==> flow/design.v <==
module mplex #(
    parameter int DW = 2
) (
    input  logic sys_clk,
    input  logic aresetn,
    input  logic [DW-1:0] in_d_0,
    input  logic [DW-1:0] in_d_1,
    input  logic [DW-1:0] in_d_2,
    input  logic [DW-1:0] in_d_3,
    input  logic [DW-1:0] in_d_4,
    input  logic [DW-1:0] in_d_5,
    input  logic [DW-1:0] in_d_6,
    input  logic [DW-1:0] in_d_7,
    input  logic [DW-1:0] in_d_8,
    input  logic [DW-1:0] in_d_9,
    input  logic [DW-1:0] in_d_10,
    input  logic [DW-1:0] in_d_11,
    input  logic [3:0] in_select,
    output logic [DW-1:0] out_result
);
    logic [DW-1:0] d_0_ff;
    logic [DW-1:0] d_1_ff;
    logic [DW-1:0] d_2_ff;
    logic [DW-1:0] d_3_ff;
    logic [DW-1:0] d_4_ff;
    logic [DW-1:0] d_5_ff;
    logic [DW-1:0] d_6_ff;
    logic [DW-1:0] d_7_ff;
    logic [DW-1:0] d_8_ff;
    logic [DW-1:0] d_9_ff;
    logic [DW-1:0] d_10_ff;
    logic [DW-1:0] d_11_ff;
    logic [3:0] select_ff;
    always_ff @(posedge sys_clk or negedge aresetn) begin
        if (!aresetn) begin
            d_0_ff <= 0;
            d_1_ff <= 0;
            d_2_ff <= 0;
            d_3_ff <= 0;
            d_4_ff <= 0;
            d_5_ff <= 0;
            d_6_ff <= 0;
            d_7_ff <= 0;
            d_8_ff <= 0;
            d_9_ff <= 0;
            d_10_ff <= 0;
            d_11_ff <= 0;
            select_ff <= 0;
        end else begin
            d_0_ff <= in_d_0;
            d_1_ff <= in_d_1;
            d_2_ff <= in_d_2;
            d_3_ff <= in_d_3;
            d_4_ff <= in_d_4;
            d_5_ff <= in_d_5;
            d_6_ff <= in_d_6;
            d_7_ff <= in_d_7;
            d_8_ff <= in_d_8;
            d_9_ff <= in_d_9;
            d_10_ff <= in_d_10;
            d_11_ff <= in_d_11;
            select_ff <= in_select;
        end
    end
    logic [DW-1:0] work;
    always_comb begin
        case (select_ff)
            0: work = d_0_ff;
            1: work = d_1_ff;
            2: work = d_2_ff;
            3: work = d_3_ff;
            4: work = d_4_ff;
            5: work = d_5_ff;
            6: work = d_6_ff;
            7: work = d_7_ff;
            8: work = d_8_ff;
            9: work = d_9_ff;
            10: work = d_10_ff;
            default: work = d_11_ff;
        endcase
    end
    assign out_result = work;
endmodule
## Tool chain data of mplex

What the tools print for mplex, step after step.
Lines are those of the file above, counted from 1.
Operators carry their Yosys type and port widths (W data, S select, Z words).
The mark -- stands for no value.

| inputs | value |
|---|---|
| design top | mplex |
| clock | sys_clk |
| cell library | sky130hd |
| timing corner | tt_025C_1v80 |

## Word-level counts

Source: Yosys, flattened and elaborated, memories not mapped. Widths are those after wreduce; folded enables and synchronous resets count as part of the registers. Registers that Yosys merges into a memory's read port (data or address) are not register bits. Print and check cells do not count. Equal cells are merged and count once.

| word-level totals | value |
|---|---|
| output and inout bits | 2 |
| register bits | 28 |
| input port bits | 30 |

| operators by class | value |
|---|---|
| mux-type cells | 1 |
| reductions and logical operators | 1 |
| equality and inequality tests | 10 |

Operator list:

| operator | count |
|---|---|
| $pmux W2 S11 | 1 |
| $eq A4 B3 Y1 const B | 4 |
| $eq A4 B4 Y1 const B | 3 |
| $eq A4 B2 Y1 const B | 2 |
| $eq A4 B1 Y1 const B | 1 |
| $logic_not A4 Y1 | 1 |

## Logic depth

Depth = most cells in a row (Yosys ltp): at word level without a register or memory, in the mapped netlist without a sequential cell, where the memories' decode and read muxes count.

| logic depth | value |
|---|---|
| depth in word-level cells | 2 |
| ABC_AREA | 0 |
| mapped depth | 6 |

## After synthesis

Yosys stat after the flow's synthesis: flattened, memories mapped to cells. It holds for the ABC_AREA given above (unset counts as 0); a run with the other value may have another netlist.
The area totals of this step are shown rounded.

| synthesis totals | value |
|---|---|
| mapped cells | 76 |
| cell area after synthesis | 1,000 um2 |
| flip-flops | 28 |

Cell types:

| cell type | count |
|---|---|
| sky130_fd_sc_hd__dfrtp_1 | 28 |
| sky130_fd_sc_hd__mux2i_1 | 4 |
| sky130_fd_sc_hd__nand3b_1 | 5 |
| sky130_fd_sc_hd__o21ai_0 | 5 |
| sky130_fd_sc_hd__a21oi_1 | 4 |
| sky130_fd_sc_hd__nand2_1 | 5 |
| sky130_fd_sc_hd__nand4b_1 | 2 |
| sky130_fd_sc_hd__o32ai_1 | 2 |
| sky130_fd_sc_hd__a21o_1 | 2 |
| sky130_fd_sc_hd__mux2_4 | 1 |
| sky130_fd_sc_hd__a211oi_2 | 1 |
| sky130_fd_sc_hd__buf_6 | 1 |
| sky130_fd_sc_hd__buf_2 | 2 |
| sky130_fd_sc_hd__a221oi_1 | 1 |
| sky130_fd_sc_hd__a22o_1 | 1 |
| sky130_fd_sc_hd__a32oi_1 | 1 |
| sky130_fd_sc_hd__nor4b_1 | 1 |
| sky130_fd_sc_hd__clkbuf_1 | 2 |

Other cell types: 6; their cells: 8.

## Worst setup path after synthesis

Source: OpenSTA report_checks on the synthesized netlist (no wires, ideal clock, input and output delay 20% of the period each), path of least setup slack; recovery checks are left aside. Register names are those of the netlist, which keeps one name where synthesis merged equal registers.

| path post-synthesis | value |
|---|---|
| path type | register to output |
| start | reg select_ff[0] |
| end | out out_result[1] |
| delay of the path | 1.316 ns |
| data arrival time | 1.316 ns |
| setup slack | 0.332 ns |
| driving pins on the path | 6 |
| period | 2.06 ns |
| period reached after synthesis | 1.728 ns |

"delay of the path" is the arrival time less input delay plus setup time.
At an output port there is no setup time.
"driving pins on the path": output pins that drive a net of the path, with the launching flip-flop's if there is one; two outputs of one cell count as two.
"period reached after synthesis" = period - worst setup slack (recovery checks aside). The figure is calculated, with input and output delays left at 20% of the set period.
The rows between start and end are the longest chain of elaborated cells between them; the timing report does not say that the signal goes this way. Where chains are equally long, one stands for them.
Each line given opens the expression or statement behind the cell; cells for indexed reads and writes are added by Yosys, which also makes memories of some case tables.

| on the way, post-synthesis | value |
|---|---|
| cells stage by stage | sky130_fd_sc_hd__dfrtp_1 sky130_fd_sc_hd__buf_6 sky130_fd_sc_hd__mux2_4 sky130_fd_sc_hd__a22o_1 sky130_fd_sc_hd__a211oi_2 sky130_fd_sc_hd__o21ai_1 |
| cells in the longest elaborated chain | 2 |
| elaborated cells on any way between the ends | 12 |
| source lines of those cells | 1 |

RTL lines, path post-synthesis:

| what | RTL line | text |
|---|---|---|
| start: declaration | 33 | `logic [3:0] select_ff;` |
| start: assignment | 48 | `select_ff <= 0;` |
| start: assignment | 62 | `select_ff <= in_select;` |
| $eq A4 B4 Y1 | 67 | `case (select_ff)` |
| $pmux W2 S11 | 67 |  |
| end: declaration | 19 | `output logic [DW-1:0] out_result` |

## Worst path after layout

Path of least setup slack in the final report of flow run 1 (OpenROAD, finished layout, wires in). Where an end is a register, its clock arrival counts in the times.

| path after layout | value |
|---|---|
| path type | register to output |
| start | reg select_ff[0] |
| end | out out_result[0] |
| data arrival time | 1.81 ns |
| driving pins on the path | 8 |
| setup slack | -0.04 ns |
| period | 2.21 ns |

The rows between start and end are the longest chain of elaborated cells between them; the timing report does not say that the signal goes this way. Where chains are equally long, one stands for them.

| on the way, after layout | value |
|---|---|
| cells stage by stage | sky130_fd_sc_hd__dfrtp_1 sky130_fd_sc_hd__buf_6 sky130_fd_sc_hd__buf_4 sky130_fd_sc_hd__nand3b_1 sky130_fd_sc_hd__o21ai_0 sky130_fd_sc_hd__a32oi_1 sky130_fd_sc_hd__a21oi_1 sky130_fd_sc_hd__clkdlybuf4s15_1 |
| cells in the longest elaborated chain | 2 |
| elaborated cells on any way between the ends | 12 |
| source lines of those cells | 1 |

RTL lines, path after layout:

| what | RTL line | text |
|---|---|---|
| start: declaration | 33 | `logic [3:0] select_ff;` |
| start: assignment | 48 | `select_ff <= 0;` |
| start: assignment | 62 | `select_ff <= in_select;` |
| $eq A4 B4 Y1 | 67 | `case (select_ff)` |
| $pmux W2 S11 | 67 |  |
| end: declaration | 19 | `output logic [DW-1:0] out_result` |

Appendix: measured runs

Below are 3 stored runs of the flow (Yosys, OpenROAD; platform sky130hd) on mplex, each with its settings and what was measured, unordered. Constraints: input delay and output delay 20% of the set period each, output load 0.01 pF.
"clock period achieved" means the clock period less the worst setup slack. The figure is calculated, with input and output delays left at 20% of the set period.
"time of the worst setup path": the worst setup path's part of the clock period (all of it between registers, 20% less for each end at a port) less its slack. A launch clock that arrives late makes it longer, a capture clock that arrives late makes it shorter.
By "power" is meant OpenSTA's value without simulated activity: inputs other than the clock are taken to toggle once in ten clock periods, and the tool carries that through the logic.
Results are given in rounded form.
Among the settings, . means not set for that run.

| run name | period_ns | CORE_UTILIZATION | SETUP_SLACK_MARGIN | PLACE_DENSITY_LB_ADDON | CORE_ASPECT_RATIO | CELL_PAD_IN_SITES_GLOBAL_PLACEMENT | CELL_PAD_IN_SITES_DETAIL_PLACEMENT | ABC_AREA | MAX_ROUTING_LAYER | CAP_MARGIN | CORE_MARGIN | SLEW_MARGIN | GPL_TIMING_DRIVEN | chip area after synthesis (Yosys) (um2) | area of the die (um2) | standard-cell area of the final layout (um2) | final design utilization | worst setup slack after layout (ns) | total negative setup slack (ns) | power (µW) | clock period achieved (ns) | time of the worst setup path (ns) | worst path kind |
|---|---|---|---|---|---|---|---|---|---|---|---|---|---|---|---|---|---|---|---|---|---|---|---|
| flow run 1 | 2.21 | 21 | -0.08 | 0.3 | 0.59 | 0 | 2 | 0 | met5 | 20 | 2 | 20 | . | 1,000 | 5,500 | 1,500 | 0.33 | -0.041 | -0.041 | 1,100 | 2.251 | 1.81 | register to output |
| flow run 2 | 2.29 | 23 | 0.31 | 0.11 | . | 0 | 0 | 1 | . | 20 | 2 | 20 | 0 | 980 | 4,800 | 1,500 | 0.36 | 0.41 | 0.000 | 1,000 | 1.883 | 1.43 | register to output |
| flow run 3 | 2.06 | 40 | . | . | . | . | . | . | . | 20 | 2 | 20 | . | 1,000 | 3,000 | 1,500 | 0.63 | -0.057 | -0.066 | 1,100 | 2.117 | 1.71 | register to output |
